==> flow/design.v <==
module ex_shft_p #(
  parameter integer WIDTH = 28,
  parameter integer LG = $clog2(WIDTH)
) (
  input  wire sys_clk,
  input  wire [WIDTH-1:0] bus_i,
  input  wire [LG-1:0] by_i,
  output reg [WIDTH-1:0] o_o
);
  reg [WIDTH-1:0] bus_d1;
  reg [LG-1:0] by_d1;
  always @(posedge sys_clk) begin
    bus_d1 <= bus_i;
    by_d1 <= by_i;
  end
  wire [WIDTH-1:0] n_ [0:LG];
  assign n_[0] = bus_d1;
  genvar g;
  generate
    for (g = 0; g < LG; g = g + 1) begin : lane
      assign n_[g+1] = by_d1[g] ? (n_[g] << (1 << g)) | (n_[g] >> (WIDTH - (1 << g))) : n_[g];
    end
  endgenerate
  always @(posedge sys_clk) begin
    o_o <= n_[LG];
  end
endmodule
* Tool chain data of ex_shft_p
The steps from the RTL of ex_shft_p to its reports follow in flow order.
Line numbers count from 1 in the design file above.
Library cell names are shortened.
Not given: n/a
- Top module :: ex_shft_p
- Clock port :: sys_clk
- Library :: sky130hd
- Library corner :: tt_025C_1v80

* Word level
Source: Yosys, flattened and elaborated. Widths are those after wreduce; folded enables and synchronous resets count as part of the registers. Registers that Yosys merges into a memory's read port (data or address) are not register bits. Print and check cells do not count. Equal cells are merged and count once.
- Mux-type cells :: 5
- Bitwise operators :: 5
** Operators with widths (number)
- 28-bit two-way mux :: 5
- 28-bit by 1-bit bitwise OR with 28-bit output :: 1
- 28-bit by 16-bit bitwise OR with 28-bit output :: 1
- 28-bit by 2-bit bitwise OR with 28-bit output :: 1
- 28-bit by 4-bit bitwise OR with 28-bit output :: 1
- 28-bit by 8-bit bitwise OR with 28-bit output :: 1
- Output and inout port bits :: 28
- Register bits :: 61
- Elaborated cells :: 13
- Input bits :: 34

* Logic depth
Depth = most cells in a row (Yosys ltp): at word level without a register or memory, in the mapped netlist without a sequential cell, where the memories' decode and read muxes count.
- Depth in word-level cells :: 10
- ABC_AREA :: 0
- Gate-level depth with buffers :: 5
- Mapped depth without buffers :: 3

* Mapped cells and area
Yosys stat after the flow's synthesis: flattened, memories mapped to cells. It holds for the ABC_AREA given above (unset counts as 0); a run with the other value may have another netlist.
** Cell types
- dfxtp_1 :: number 61, total area 1.22E+03 um2
- mux4_2 :: number 38, total area 855.821 um2
- mux4_1 :: number 18, total area 472.954 um2
- mux2_2 :: number 28, total area 315.302 um2
- buf_6 :: number 2, total area 22.522 um2
- buf_12 :: number 1, total area 20.019 um2
- buf_2 :: number 4, total area 20.019 um2
- clkbuf_1 :: number 5, total area 18.768 um2
- buf_1 :: number 3, total area 11.261 um2
- Area of sequential cells :: 1221.2 um2
- Flip-flops :: 61
- Buffers :: 15
- Synthesis area :: 2957.8 um2
- Cells in the netlist :: 160

* Timing after synthesis
Source: OpenSTA report_checks on the synthesized netlist (no wires, ideal clock, input and output delay 20% of the period each), path of least setup slack; recovery checks are left aside. Register names are those of the netlist, which keeps one name where synthesis merged equal registers.
- Kind :: register to register
- Start :: register by_d1[3]
- End :: register o_o[27]
- Stages :: 6
- Delay of the path :: 2.082 ns
- Launch time at the first pin :: 0.000 ns
- Arrival time :: 1.961 ns
- Clock period :: 2.6 ns
- Data required time :: 2.479 ns
- Setup slack :: 0.518 ns
- Library setup time :: 0.121 ns
- Buffers on the path :: 2
- Synthesis period reached :: 2.082 ns
"delay of the path" = arrival - input delay + setup time.
"stages" counts driving pins, that of a launching flip-flop among them; a cell with two outputs on the path counts twice.
"synthesis period reached" is the clock period less the worst setup slack; recovery checks do not enter. This is arithmetic on one report: input and output delays are still those of the set period (20% each).
The rows between start and end are the longest chain of elaborated cells between them; the timing report does not say that the signal goes this way. Where chains are equally long, one stands for them.
Each line given opens the expression or statement behind the cell; cells for indexed reads and writes are added by Yosys, which also makes memories of some case tables.
- Cells stage by stage :: dfxtp_1 -> buf_2 -> clkbuf_1 -> mux4_2 -> mux4_1 -> mux2_2
- Cells in the longest elaborated chain :: 3
- Elaborated cells on any way between the ends :: 3
- Source lines of those cells :: 1
- Classes of those cells :: mux: 2; logic: 1
** RTL lines, path post-synthesis
- start, declared :: line 11 : reg [LG-1:0] by_d1;
- start, assigned :: line 14 : by_d1 <= by_i;
- 28-bit two-way mux :: line 21 : assign n_[g+1] = by_d1[g] ? (n_[g] << (1 << g)) | (n_[g] >> (WIDTH - (1 << g))) : n_[g];
- 28-bit by 16-bit bitwise OR with 28-bit output :: line 21
- 28-bit two-way mux :: line 21
- end, assigned :: line 25 : o_o <= n_[LG];
- end, declared :: line 8 : output reg [WIDTH-1:0] o_o

* Path in the finished layout
Path of least setup slack in the final report of record 1 (OpenROAD, finished layout, wires in). Where an end is a register, its clock arrival counts in the times.
- Kind :: register to register
- Start :: register by_d1[0]
- End :: register o_o[12]
- Library setup time :: 0.11 ns
- Buffers on the path :: 1
- Stages :: 5
- Setup slack :: -0.65 ns
- Clock period :: 1.39 ns
- Data required time :: 1.61 ns
- Arrival time :: 2.25 ns
- Launch time at the first pin :: 0.33 ns
The rows between start and end are the longest chain of elaborated cells between them; the timing report does not say that the signal goes this way. Where chains are equally long, one stands for them.
- Cells stage by stage :: dfxtp_4 -> buf_12 -> mux4_2 -> mux4_2 -> mux2_2
- Cells in the longest elaborated chain :: 9
- Elaborated cells on any way between the ends :: 9
- Source lines of those cells :: 1
- Classes of those cells :: mux: 5; logic: 4
** RTL lines, path after layout
- start, declared :: line 11 : reg [LG-1:0] by_d1;
- start, assigned :: line 14 : by_d1 <= by_i;
- 28-bit two-way mux :: line 21 : assign n_[g+1] = by_d1[g] ? (n_[g] << (1 << g)) | (n_[g] >> (WIDTH - (1 << g))) : n_[g];
- 28-bit by 2-bit bitwise OR with 28-bit output :: line 21
- 28-bit two-way mux :: line 21
- 28-bit by 4-bit bitwise OR with 28-bit output :: line 21
- 28-bit two-way mux :: line 21
- 28-bit by 8-bit bitwise OR with 28-bit output :: line 21
- 28-bit two-way mux :: line 21
- 28-bit by 16-bit bitwise OR with 28-bit output :: line 21
- 28-bit two-way mux :: line 21
- end, assigned :: line 25 : o_o <= n_[LG];
- end, declared :: line 8 : output reg [WIDTH-1:0] o_o

Data sheet: physical implementation of ex_shft_p

Record of 3 stored runs of the RTL-to-layout flow on ex_shft_p, platform sky130hd. The runs are unordered. Constraints: input delay and output delay 20% of the set period each, output load 0.01 pF.
"clock period reached" = clock period - worst setup slack. The figure is calculated, with input and output delays left at 20% of the set period.
"worst path time" is the time allowed to the run's worst setup path (the clock period less input and output delay, where it has them) less its slack. Clock arrival times count: a late capture clock shortens it, a late launch clock lengthens it.
"power consumption" is the tool's figure for a default switching activity; nothing was simulated.

* Record 1
** Files
==> flow/run.sh <==
#!/bin/bash
# the make line also repeats the synthesis and layout settings of config.mk as NAME=value (left out here)
make -C /OpenROAD-flow-scripts/flow DESIGN_CONFIG=/design/flow/config.mk WORK_HOME=/design/flow/orfs CLKGATE_MAP_FILE= finish
==> flow/config.mk <==
export PLATFORM = sky130hd
export DESIGN_NAME = ex_shft_p
export DESIGN_NICKNAME = ex_shft_p
export VERILOG_FILES = /design/flow/design.v
export SDC_FILE = /design/flow/constraint.sdc
export NUM_CORES = 4
export LEC_CHECK = 0
export CAP_MARGIN = 30
export CELL_PAD_IN_SITES_GLOBAL_PLACEMENT = 1
export CORE_ASPECT_RATIO = 0.73
export CORE_MARGIN = 2
export CORE_UTILIZATION = 45
export MAX_ROUTING_LAYER = met5
export MIN_ROUTING_LAYER = met1
export PLACE_DENSITY_LB_ADDON = 0.27
export SETUP_SLACK_MARGIN = 0.22
export SLEW_MARGIN = 20
export TNS_END_PERCENT = 25
==> flow/constraint.sdc <==
create_clock -name core_clock -period 1.39 [get_ports {sys_clk}]
set_input_delay 0.2780 -clock core_clock [delete_from_list [all_inputs] [get_ports {sys_clk}]]
set_output_delay 0.2780 -clock core_clock [all_outputs]
set_load 0.01 [all_outputs]
** Results
- Cell area after synthesis :: 2957.8 um2
- Worst path time :: 2.04 ns
- Critical path type :: register to register
- Power consumption :: 4.816 mW
- Standard-cell area after layout :: 3819.9 um2
- Worst hold slack :: 0.386 ns
- Die footprint :: 7245.7 um2
- Lowest setup slack :: -0.648 ns
- Total negative slack on setup checks :: -17.316 ns
- Clock period reached :: 2.038 ns
- Final design utilization :: 59.6%

* Record 2
** Files
==> flow/run.sh <==
#!/bin/bash
# the make line also repeats the synthesis and layout settings of config.mk as NAME=value (left out here)
make -C /OpenROAD-flow-scripts/flow DESIGN_CONFIG=/design/flow/config.mk WORK_HOME=/design/flow/orfs CLKGATE_MAP_FILE= finish
==> flow/config.mk <==
export PLATFORM = sky130hd
export DESIGN_NAME = ex_shft_p
export DESIGN_NICKNAME = ex_shft_p
export VERILOG_FILES = /design/flow/design.v
export SDC_FILE = /design/flow/constraint.sdc
export NUM_CORES = 4
export LEC_CHECK = 0
export CAP_MARGIN = 20
export CORE_MARGIN = 2
export CORE_UTILIZATION = 40
export SLEW_MARGIN = 20
==> flow/constraint.sdc <==
create_clock -name core_clock -period 2.6 [get_ports {sys_clk}]
set_input_delay 0.5200 -clock core_clock [delete_from_list [all_inputs] [get_ports {sys_clk}]]
set_output_delay 0.5200 -clock core_clock [all_outputs]
set_load 0.01 [all_outputs]
** Results
- Cell area after synthesis :: 2957.8 um2
- Worst path time :: 2.21 ns
- Critical path type :: register to register
- Power consumption :: 2.796 mW
- Standard-cell area after layout :: 3923.8 um2
- Worst hold slack :: 0.616 ns
- Die footprint :: 8098.2 um2
- Lowest setup slack :: 0.387 ns
- Total negative slack on setup checks :: 0.000 ns
- Clock period reached :: 2.213 ns
- Final design utilization :: 54.4%

* Record 3
** Files
==> flow/run.sh <==
#!/bin/bash
# the make line also repeats the synthesis and layout settings of config.mk as NAME=value (left out here)
make -C /OpenROAD-flow-scripts/flow DESIGN_CONFIG=/design/flow/config.mk WORK_HOME=/design/flow/orfs CLKGATE_MAP_FILE= finish
==> flow/config.mk <==
export PLATFORM = sky130hd
export DESIGN_NAME = ex_shft_p
export DESIGN_NICKNAME = ex_shft_p
export VERILOG_FILES = /design/flow/design.v
export SDC_FILE = /design/flow/constraint.sdc
export NUM_CORES = 4
export LEC_CHECK = 0
export CAP_MARGIN = 20
export CORE_MARGIN = 2
export CORE_UTILIZATION = 15
export CTS_CLUSTER_DIAMETER = 349
export MIN_ROUTING_LAYER = met1
export PLACE_DENSITY_LB_ADDON = 0.13
export SLEW_MARGIN = 25
export TNS_END_PERCENT = 20
==> flow/constraint.sdc <==
create_clock -name core_clock -period 1.6 [get_ports {sys_clk}]
set_input_delay 0.3200 -clock core_clock [delete_from_list [all_inputs] [get_ports {sys_clk}]]
set_output_delay 0.3200 -clock core_clock [all_outputs]
set_load 0.01 [all_outputs]
** Results
- Cell area after synthesis :: 2957.8 um2
- Worst path time :: 2.10 ns
- Critical path type :: register to register
- Power consumption :: 4.746 mW
- Standard-cell area after layout :: 4261.6 um2
- Worst hold slack :: 0.425 ns
- Die footprint :: 20858.6 um2
- Lowest setup slack :: -0.499 ns
- Total negative slack on setup checks :: -12.753 ns
- Clock period reached :: 2.099 ns
- Final design utilization :: 22.0%
